==> flow/design.v <==
module sync_mul_core_mod #(
    parameter W = 10
) (
    input  sys_clk,
    input  srst,
    input  signed [W-1:0] rs1_i,
    input  signed [W-1:0] rs2_i,
    output reg signed [2*W-1:0] res_o
);
    reg signed [W-1:0] rs1_d1;
    always @(posedge sys_clk or posedge srst) begin
        if (srst) begin
            rs1_d1 <= 0;
        end else begin
            rs1_d1 <= rs1_i;
        end
    end
    reg signed [W-1:0] rs2_d1;
    always @(posedge sys_clk or posedge srst) begin
        if (srst) begin
            rs2_d1 <= 0;
        end else begin
            rs2_d1 <= rs2_i;
        end
    end
    always @(posedge sys_clk or posedge srst) begin
        if (srst) begin
            res_o <= 0;
        end else begin
            res_o <= rs1_d1 * rs2_d1;
        end
    end
endmodule
## From RTL to reports: sync_mul_core_mod

The steps from the RTL of sync_mul_core_mod to its reports follow in flow order.
Lines are those of the file above, counted from 1.
Operators carry their Yosys type and port widths (W data, S select, Z words).
Cell names lack the library's common part.
A cell with -- has no value.

| inputs | value |
|---|---|
| design top | sync_mul_core_mod |
| clock | sys_clk |
| library | sky130hd |
| timing corner | tt_025C_1v80 |

## Elaborated design

Yosys after proc, flatten, opt, wreduce and memory -nomap, before mapping. Enables and synchronous resets that opt folds into registers are not counted as muxes. Memory bits, and registers merged into a memory's read port (data or address), are not among the register bits. Print and check cells are not counted. Equal cells are merged and count once.

| word-level totals | value |
|---|---|
| register bits after elaboration | 40 |
| latch bits | 0 |
| RAM bits | 0 |
| bits in read-only memories | 0 |
| word width x clocked read ports | 0 |
| memories kept | 0 |
| input bits | 22 |
| word-level cells | 4 |

| cells by class | value |
|---|---|
| $add $sub $neg | 0 |
| multipliers | 1 |
| divide/modulo/power cells | 0 |
| order comparisons | 0 |
| equality and inequality tests | 0 |
| shift-type cells | 0 |
| muxes and demuxes | 0 |
| bitwise operators | 0 |
| reduce/logical cells | 0 |

Operator list:

| cell | number |
|---|---|
| $mul A10 B10 Y20 | 1 |

## Longest topological paths

Depth = most cells in a row (Yosys ltp): at word level without a register or memory, in the mapped netlist without a sequential cell, where the memories' decode and read muxes count.

| logic depth | value |
|---|---|
| depth in word-level cells | 1 |
| ABC_AREA | 0 |
| depth in mapped cells | 19 |

## After synthesis

Yosys stat after the flow's synthesis: flattened, memories mapped to cells. It holds for the ABC_AREA given above (unset counts as 0); a run with the other value may have another netlist.

| mapped netlist | value |
|---|---|
| cells in the netlist | 522 |
| mapped area | 5079.9 um2 |
| sequential part of the area | 1001.0 um2 |
| flip-flops | 40 |

Cells by type:

| cell type | number |
|---|---|
| fa_1 | 91 |
| dfrtp_1 | 40 |
| ha_1 | 49 |
| inv_1 | 141 |
| nand2_1 | 64 |
| and2_1 | 33 |
| xnor2_1 | 18 |
| clkbuf_1 | 17 |
| a21oi_1 | 12 |
| nor2_1 | 12 |
| xor2_1 | 4 |
| a21o_1 | 4 |
| a211oi_2 | 2 |
| a31oi_1 | 4 |
| nand2b_1 | 4 |
| o21bai_1 | 3 |
| o21ai_2 | 2 |
| a311oi_2 | 1 |

Not listed: further types 16, cells in them 21.

## Worst setup path after synthesis

Path of least setup slack by OpenSTA after synthesis, without wires, with an ideal clock, recovery checks aside; 20% of the period is set as input and as output delay. Where synthesis merged equal registers, the netlist keeps one of their names.

| timing path after synthesis | value |
|---|---|
| kind | reg-to-reg |
| from | register rs1_d1[9] |
| to | register res_o[18] |
| period | 6.06 ns |
| library setup time | 0.080 ns |
| time at the first pin | 0.000 ns |
| arrival | 4.766 ns |
| data required time | 5.980 ns |
| setup slack | 1.214 ns |
| delay of the path | 4.846 ns |
| stages on the path | 17 |
| buffers on the path | 1 |
| synthesis period reached | 4.846 ns |

"delay of the path" = arrival - input delay + setup time.
"stages on the path" counts driving pins, that of a launching flip-flop among them; a cell with two outputs on the path counts twice.
"synthesis period reached" = period - worst setup slack (recovery checks aside). The figure is calculated, with input and output delays left at 20% of the set period.
The rows between start and end are the longest chain of elaborated cells between them; the timing report does not say that the signal goes this way. Where chains are equally long, one stands for them.
A line is the first line of the expression or statement that the cell stems from. Yosys adds cells for indexed reads and writes and turns some case tables into memories.

| on the way, after synthesis | value |
|---|---|
| cell sequence | dfrtp_1 -> clkbuf_1 -> and2_1 -> fa_1 -> inv_1 -> fa_1 -> inv_1 -> fa_1 -> fa_1 -> inv_1 -> fa_1 -> inv_1 -> ha_1 -> nand2_1 -> a2111o_1 -> a211o_1 -> o211ai_2 |
| cells in the longest elaborated chain | 1 |
| elaborated cells between the ends (all ways) | 1 |
| RTL lines with such cells | 1 |

Ends and longest elaborated chain, after synthesis:

| item | line | RTL |
|---|---|---|
| start: declaration | 10 | `reg signed [W-1:0] rs1_d1;` |
| start: assignment | 13 | `rs1_d1 <= 0;` |
| start: assignment | 15 | `rs1_d1 <= rs1_i;` |
| $mul A10 B10 Y20 | 30 | `res_o <= rs1_d1 * rs2_d1;` |
| end: assignment | 28 | `res_o <= 0;` |
| end: assignment | 30 |  |
| end: declaration | 8 | `output reg signed [2*W-1:0] res_o` |

## Worst path after layout

Path of least setup slack in the final report of run 2 (OpenROAD, finished layout, wires in). Where an end is a register, its clock arrival counts in the times.

| timing path after layout | value |
|---|---|
| kind | reg-to-reg |
| from | register rs2_d1[5] |
| to | register res_o[18] |
| period | 6.53 ns |
| library setup time | 0.07 ns |
| time at the first pin | 0.30 ns |
| arrival | 5.34 ns |
| data required time | 6.76 ns |
| setup slack | 1.42 ns |
| stages on the path | 16 |
| buffers on the path | 0 |

The rows between start and end are the longest chain of elaborated cells between them; the timing report does not say that the signal goes this way. Where chains are equally long, one stands for them.

| on the way, after layout | value |
|---|---|
| cell sequence | dfrtp_1 -> and2_1 -> fa_1 -> inv_1 -> fa_1 -> inv_1 -> fa_1 -> fa_1 -> inv_1 -> fa_1 -> inv_1 -> ha_1 -> nand2_1 -> a2111o_1 -> a211o_1 -> o211ai_2 |
| cells in the longest elaborated chain | 1 |
| elaborated cells between the ends (all ways) | 1 |
| RTL lines with such cells | 1 |

Ends and longest elaborated chain, after layout:

| item | line | RTL |
|---|---|---|
| start: declaration | 18 | `reg signed [W-1:0] rs2_d1;` |
| start: assignment | 21 | `rs2_d1 <= 0;` |
| start: assignment | 23 | `rs2_d1 <= rs2_i;` |
| $mul A10 B10 Y20 | 30 | `res_o <= rs1_d1 * rs2_d1;` |
| end: assignment | 28 | `res_o <= 0;` |
| end: assignment | 30 |  |
| end: declaration | 8 | `output reg signed [2*W-1:0] res_o` |

# Flow runs of sync_mul_core_mod

Design sync_mul_core_mod on sky130hd. What follows are 3 stored runs of the flow, each under its own settings; their order means nothing. The constraints put input and output delay at 20% of the set period each and load the outputs with 0.01 pF.
"achieved period" = clock period - worst setup slack. The figure is calculated, with input and output delays left at 20% of the set period.
"critical path time" = time allowed to the worst setup path (clock period - input delay - output delay, where it has them) - its slack; a late launch clock adds to it, a late capture clock takes from it.
"power consumption" is the tool's figure for a default switching activity; nothing was simulated.

#### Run 1

| setting | value |
|---|---|
| period_ns | `5.85` |
| CORE_UTILIZATION | `49` |
| PLACE_DENSITY | `0.54` |
| CORE_MARGIN | `5` |
| CELL_PAD_IN_SITES_GLOBAL_PLACEMENT | `3` |
| CELL_PAD_IN_SITES_DETAIL_PLACEMENT | `2` |
| GPL_ROUTABILITY_DRIVEN | `1` |
| SLEW_MARGIN | `0` |
| MIN_ROUTING_LAYER | `met2` |
| CAP_MARGIN | `20` |

No final report: placement broke off with GPL-0301.

#### Run 2

| setting | value |
|---|---|
| period_ns | `6.53` |
| CORE_UTILIZATION | `15` |
| PLACE_DENSITY_LB_ADDON | `0.21` |
| GPL_ROUTABILITY_DRIVEN | `1` |
| CTS_CLUSTER_DIAMETER | `305` |
| SLEW_MARGIN | `10` |
| MAX_ROUTING_LAYER | `met4` |
| CAP_MARGIN | `20` |
| CORE_MARGIN | `2` |

| result | value |
|---|---|
| critical path time | 5.11 ns |
| worst setup path kind | reg-to-reg |
| achieved period | 5.111 ns |
| utilization | 18.4 % |
| die footprint | 35353.4 um2 |
| synthesis area | 5079.9 um2 |
| summed negative setup slack | 0.000 ns |
| power consumption | 2745 uW |
| worst setup slack after layout | 1.419 ns |
| worst-case hold slack | 0.717 ns |

#### Run 3

| setting | value |
|---|---|
| period_ns | `6.06` |
| CAP_MARGIN | `20` |
| CORE_MARGIN | `2` |
| CORE_UTILIZATION | `40` |
| SLEW_MARGIN | `20` |

| result | value |
|---|---|
| worst setup slack after layout | 0.976 ns |
| power consumption | 2961 uW |
| critical path time | 5.08 ns |
| worst setup path kind | reg-to-reg |
| utilization | 46.5 % |
| synthesis area | 5079.9 um2 |
| die footprint | 13616.6 um2 |
| worst-case hold slack | 0.703 ns |
| achieved period | 5.084 ns |
| summed negative setup slack | 0.000 ns |
